==> flow/design.v <==
module gen_muxn (ck, i_rst, i_d_0, i_d_1, i_d_2, i_d_3, i_d_4, i_d_5, i_d_6, i_d_7, i_d_8, i_d_9, i_sel, o_dout);
   parameter DATA_WIDTH = 16;
   input ck;
   input i_rst;
   input [DATA_WIDTH-1:0] i_d_0;
   input [DATA_WIDTH-1:0] i_d_1;
   input [DATA_WIDTH-1:0] i_d_2;
   input [DATA_WIDTH-1:0] i_d_3;
   input [DATA_WIDTH-1:0] i_d_4;
   input [DATA_WIDTH-1:0] i_d_5;
   input [DATA_WIDTH-1:0] i_d_6;
   input [DATA_WIDTH-1:0] i_d_7;
   input [DATA_WIDTH-1:0] i_d_8;
   input [DATA_WIDTH-1:0] i_d_9;
   input [3:0] i_sel;
   output [DATA_WIDTH-1:0] o_dout;
   reg [DATA_WIDTH-1:0] d_0_ff;
   reg [DATA_WIDTH-1:0] d_1_ff;
   reg [DATA_WIDTH-1:0] d_2_ff;
   reg [DATA_WIDTH-1:0] d_3_ff;
   reg [DATA_WIDTH-1:0] d_4_ff;
   reg [DATA_WIDTH-1:0] d_5_ff;
   reg [DATA_WIDTH-1:0] d_6_ff;
   reg [DATA_WIDTH-1:0] d_7_ff;
   reg [DATA_WIDTH-1:0] d_8_ff;
   reg [DATA_WIDTH-1:0] d_9_ff;
   reg [3:0] sel_ff;
   always @(posedge ck) begin
      if (i_rst) begin
         d_0_ff <= 0;
         d_1_ff <= 0;
         d_2_ff <= 0;
         d_3_ff <= 0;
         d_4_ff <= 0;
         d_5_ff <= 0;
         d_6_ff <= 0;
         d_7_ff <= 0;
         d_8_ff <= 0;
         d_9_ff <= 0;
         sel_ff <= 0;
      end else begin
         d_0_ff <= i_d_0;
         d_1_ff <= i_d_1;
         d_2_ff <= i_d_2;
         d_3_ff <= i_d_3;
         d_4_ff <= i_d_4;
         d_5_ff <= i_d_5;
         d_6_ff <= i_d_6;
         d_7_ff <= i_d_7;
         d_8_ff <= i_d_8;
         d_9_ff <= i_d_9;
         sel_ff <= i_sel;
      end
   end
   reg [DATA_WIDTH-1:0] work;
   always @(*) begin
      if (sel_ff == 0) work = d_0_ff;
      else if (sel_ff == 1) work = d_1_ff;
      else if (sel_ff == 2) work = d_2_ff;
      else if (sel_ff == 3) work = d_3_ff;
      else if (sel_ff == 4) work = d_4_ff;
      else if (sel_ff == 5) work = d_5_ff;
      else if (sel_ff == 6) work = d_6_ff;
      else if (sel_ff == 7) work = d_7_ff;
      else if (sel_ff == 8) work = d_8_ff;
      else work = d_9_ff;
   end
   assign o_dout = work;
endmodule
# == Reports on gen_muxn ==
# Tool output for the design above, in the order of the flow.
# Lines are those of the file above, counted from 1.
# Cell names lack the library's common part.
# A cell with n/a has no value.
# setup
design,gen_muxn
clock_port,ck
lib,sky130hd
corner,tt_025C_1v80

# == Elaborated design ==
# Yosys after proc, flatten, opt, wreduce and memory -nomap, before mapping. Enables and synchronous resets that opt folds into registers are not counted as muxes. Memory bits, and registers merged into a memory's read port (data or address), are not among the register bits. Print and check cells are not counted. Equal cells are merged and count once.
# word_totals
register_bits,164
in_bits,166
out_inout_bits,16
# op_classes
equal,8
n_reduce_logical,1
n_mux,9
# ops
op,n
two-way mux 16 bit,9
equality test 4 x 3 -> 1 bit (second input constant),4
equality test 4 x 2 -> 1 bit (second input constant),2
equality test 4 x 1 -> 1 bit (second input constant),1
equality test 4 bit (second input constant),1
zero test 4 bit,1

# == Depth ==
# Depth = most cells in a row (Yosys ltp): at word level without a register or memory, in the mapped netlist without a sequential cell, where the memories' decode and read muxes count.
# depth
ltp_word,10
abc_area,0
depth_mapped,8
mapped_depth_nobuf,5

# == Netlist ==
# Source: synth_stat.txt of the flow (Yosys; design flattened, memories mapped). It holds for the ABC_AREA given above (unset counts as 0); a run with the other value may have another netlist.
# mapped
yosys_area_um2,6237.2
cell_count,626
seqArea_um2,3283.1
flip_flops,164
buf_cells,48
# by_type
type,n
dfxtp_1,164
nor2b_1,173
a21oi_1,50
mux4_2,9
mux2i_1,20
o21ai_0,37
clkbuf_1,27
nand2_1,21
o221a_2,7
nor2_1,20
buf_2,14
a221oi_1,7
o22ai_1,9
o21ai_1,7
a22oi_1,4
buf_4,4
nor3_1,6
o221ai_1,3
# Other cell types: 31; their cells: 44.

# == Worst setup path after synthesis ==
# Source: OpenSTA report_checks on the synthesized netlist (no wires, ideal clock, input and output delay 20% of the period each), path of least setup slack; recovery checks are left aside. Register names are those of the netlist, which keeps one name where synthesis merged equal registers.
# synth_path
path_kind,reg-to-output
from,register sel_ff[0]
to,output port o_dout[1]
output_delay_ps,470
t_required_ps,1880
path_slack_ps,374
period_ps,2350
driving_pins,7
delay_ps,1506
t_arrival_ps,1506
synth_period_reached_ps,1976
# "delay_ps" is the arrival time less input delay plus setup time.
# At an output port there is no setup time.
# "driving_pins": output pins that drive a net of the path, with the launching flip-flop's if there is one; two outputs of one cell count as two.
# "synth_period_reached_ps" = period - worst setup slack (recovery checks aside). The figure is calculated, with input and output delays left at 20% of the set period.
# The rows between start and end are the longest chain of elaborated cells between them; the timing report does not say that the signal goes this way. Where chains are equally long, one stands for them.
# A line is the first line of the expression or statement that the cell stems from. Yosys adds cells for indexed reads and writes and turns some case tables into memories.
# synth_via
path_cell_list,dfxtp_1 > buf_6 > or4b_4 > o21ai_2 > o221a_1 > nor2_1 > o22ai_1
elab_chain_len,10
# synth_rtl
item,line,text
from (decl),27,reg [3:0] sel_ff;
from (assign),40,sel_ff <= 0;
from (assign),52,sel_ff <= i_sel;
equality test 4 bit,65,else if (sel_ff == 8) work = d_8_ff;
two-way mux 16 bit,65,
two-way mux 16 bit,64,else if (sel_ff == 7) work = d_7_ff;
two-way mux 16 bit,63,else if (sel_ff == 6) work = d_6_ff;
two-way mux 16 bit,62,else if (sel_ff == 5) work = d_5_ff;
two-way mux 16 bit,61,else if (sel_ff == 4) work = d_4_ff;
two-way mux 16 bit,60,else if (sel_ff == 3) work = d_3_ff;
two-way mux 16 bit,59,else if (sel_ff == 2) work = d_2_ff;
two-way mux 16 bit,58,else if (sel_ff == 1) work = d_1_ff;
two-way mux 16 bit,57,if (sel_ff == 0) work = d_0_ff;
to (decl),16,output [DATA_WIDTH-1:0] o_dout;

# == Path in the finished layout ==
# From the final timing report of entry A: the path of least setup slack in the routed layout; clock arrival at registers is part of the times.
# The report prints the path's times to 10 ps; the period is as set.
# layout_path
path_kind,reg-to-output
from,register sel_ff[0]
to,output port o_dout[9]
period_ps,2350
output_delay_ps,470
path_slack_ps,-330
driving_pins,8
t_required_ps,1880
t_arrival_ps,2210
# The rows between start and end are the longest chain of elaborated cells between them; the timing report does not say that the signal goes this way. Where chains are equally long, one stands for them.
# layout_via
path_cell_list,dfxtp_4 > buf_6 > or4b_4 > buf_6 > o221a_1 > nor2_1 > o22ai_1 > buf_2
elab_chain_len,10
# layout_rtl
item,line,text
from (decl),27,reg [3:0] sel_ff;
from (assign),40,sel_ff <= 0;
from (assign),52,sel_ff <= i_sel;
equality test 4 bit,65,else if (sel_ff == 8) work = d_8_ff;
two-way mux 16 bit,65,
two-way mux 16 bit,64,else if (sel_ff == 7) work = d_7_ff;
two-way mux 16 bit,63,else if (sel_ff == 6) work = d_6_ff;
two-way mux 16 bit,62,else if (sel_ff == 5) work = d_5_ff;
two-way mux 16 bit,61,else if (sel_ff == 4) work = d_4_ff;
two-way mux 16 bit,60,else if (sel_ff == 3) work = d_3_ff;
two-way mux 16 bit,59,else if (sel_ff == 2) work = d_2_ff;
two-way mux 16 bit,58,else if (sel_ff == 1) work = d_1_ff;
two-way mux 16 bit,57,if (sel_ff == 0) work = d_0_ff;
to (decl),16,output [DATA_WIDTH-1:0] o_dout;

# Stored flow runs of gen_muxn (3 of them; Yosys, OpenROAD, sky130hd). They differ in their settings and are not a sequence. Constraints: input delay and output delay 20% of the set period each, output load 0.01 pF.
# "achieved_period_ps": clock period set for the run, less the worst setup slack. It is reckoned from that one timing run; input and output delays stay at 20% of the period that was set.
# "worst_path_time_ps" is the time allowed to the run's worst setup path (the clock period less input and output delay, where it has them) less its slack. Clock arrival times count: a late capture clock shortens it, a late launch clock lengthens it.
# "worst_path_time_ps" is given in steps of 10 ps.
# A setting shown as . is not set for that run.
item,entry A,entry B,entry C
period_ns,2.35,1.15,1.84
CAP_MARGIN,20,10,40
CORE_MARGIN,2,2,2
CORE_UTILIZATION,40,53,31
SLEW_MARGIN,20,15,40
SETUP_SLACK_MARGIN,.,0.23,.
PLACE_DENSITY_LB_ADDON,.,0.28,0.17
CORE_ASPECT_RATIO,.,0.78,.
CTS_CLUSTER_SIZE,.,26,37
CTS_CLUSTER_DIAMETER,.,290,353
MAX_ROUTING_LAYER,.,met4,.
CELL_PAD_IN_SITES_GLOBAL_PLACEMENT,.,.,1
TNS_END_PERCENT,.,.,90
ABC_AREA,.,.,0
GPL_TIMING_DRIVEN,.,.,1
synthesis_area_um2,6237.2,6237.2,6237.2
final_die_area_um2,16607.5,12658.9,21270.8
stdcell_area_um2,9845.7,9735.6,9723.1
timing.setup.ws_ps,-327,-1450,-674
total_negative_slack_ps,-3062,-19834,-8405
achieved_period_ps,2677,2600,2514
worst_path_time_ps,2210,2370,2150
critical_path_kind,reg-to-output,reg-to-output,reg-to-output
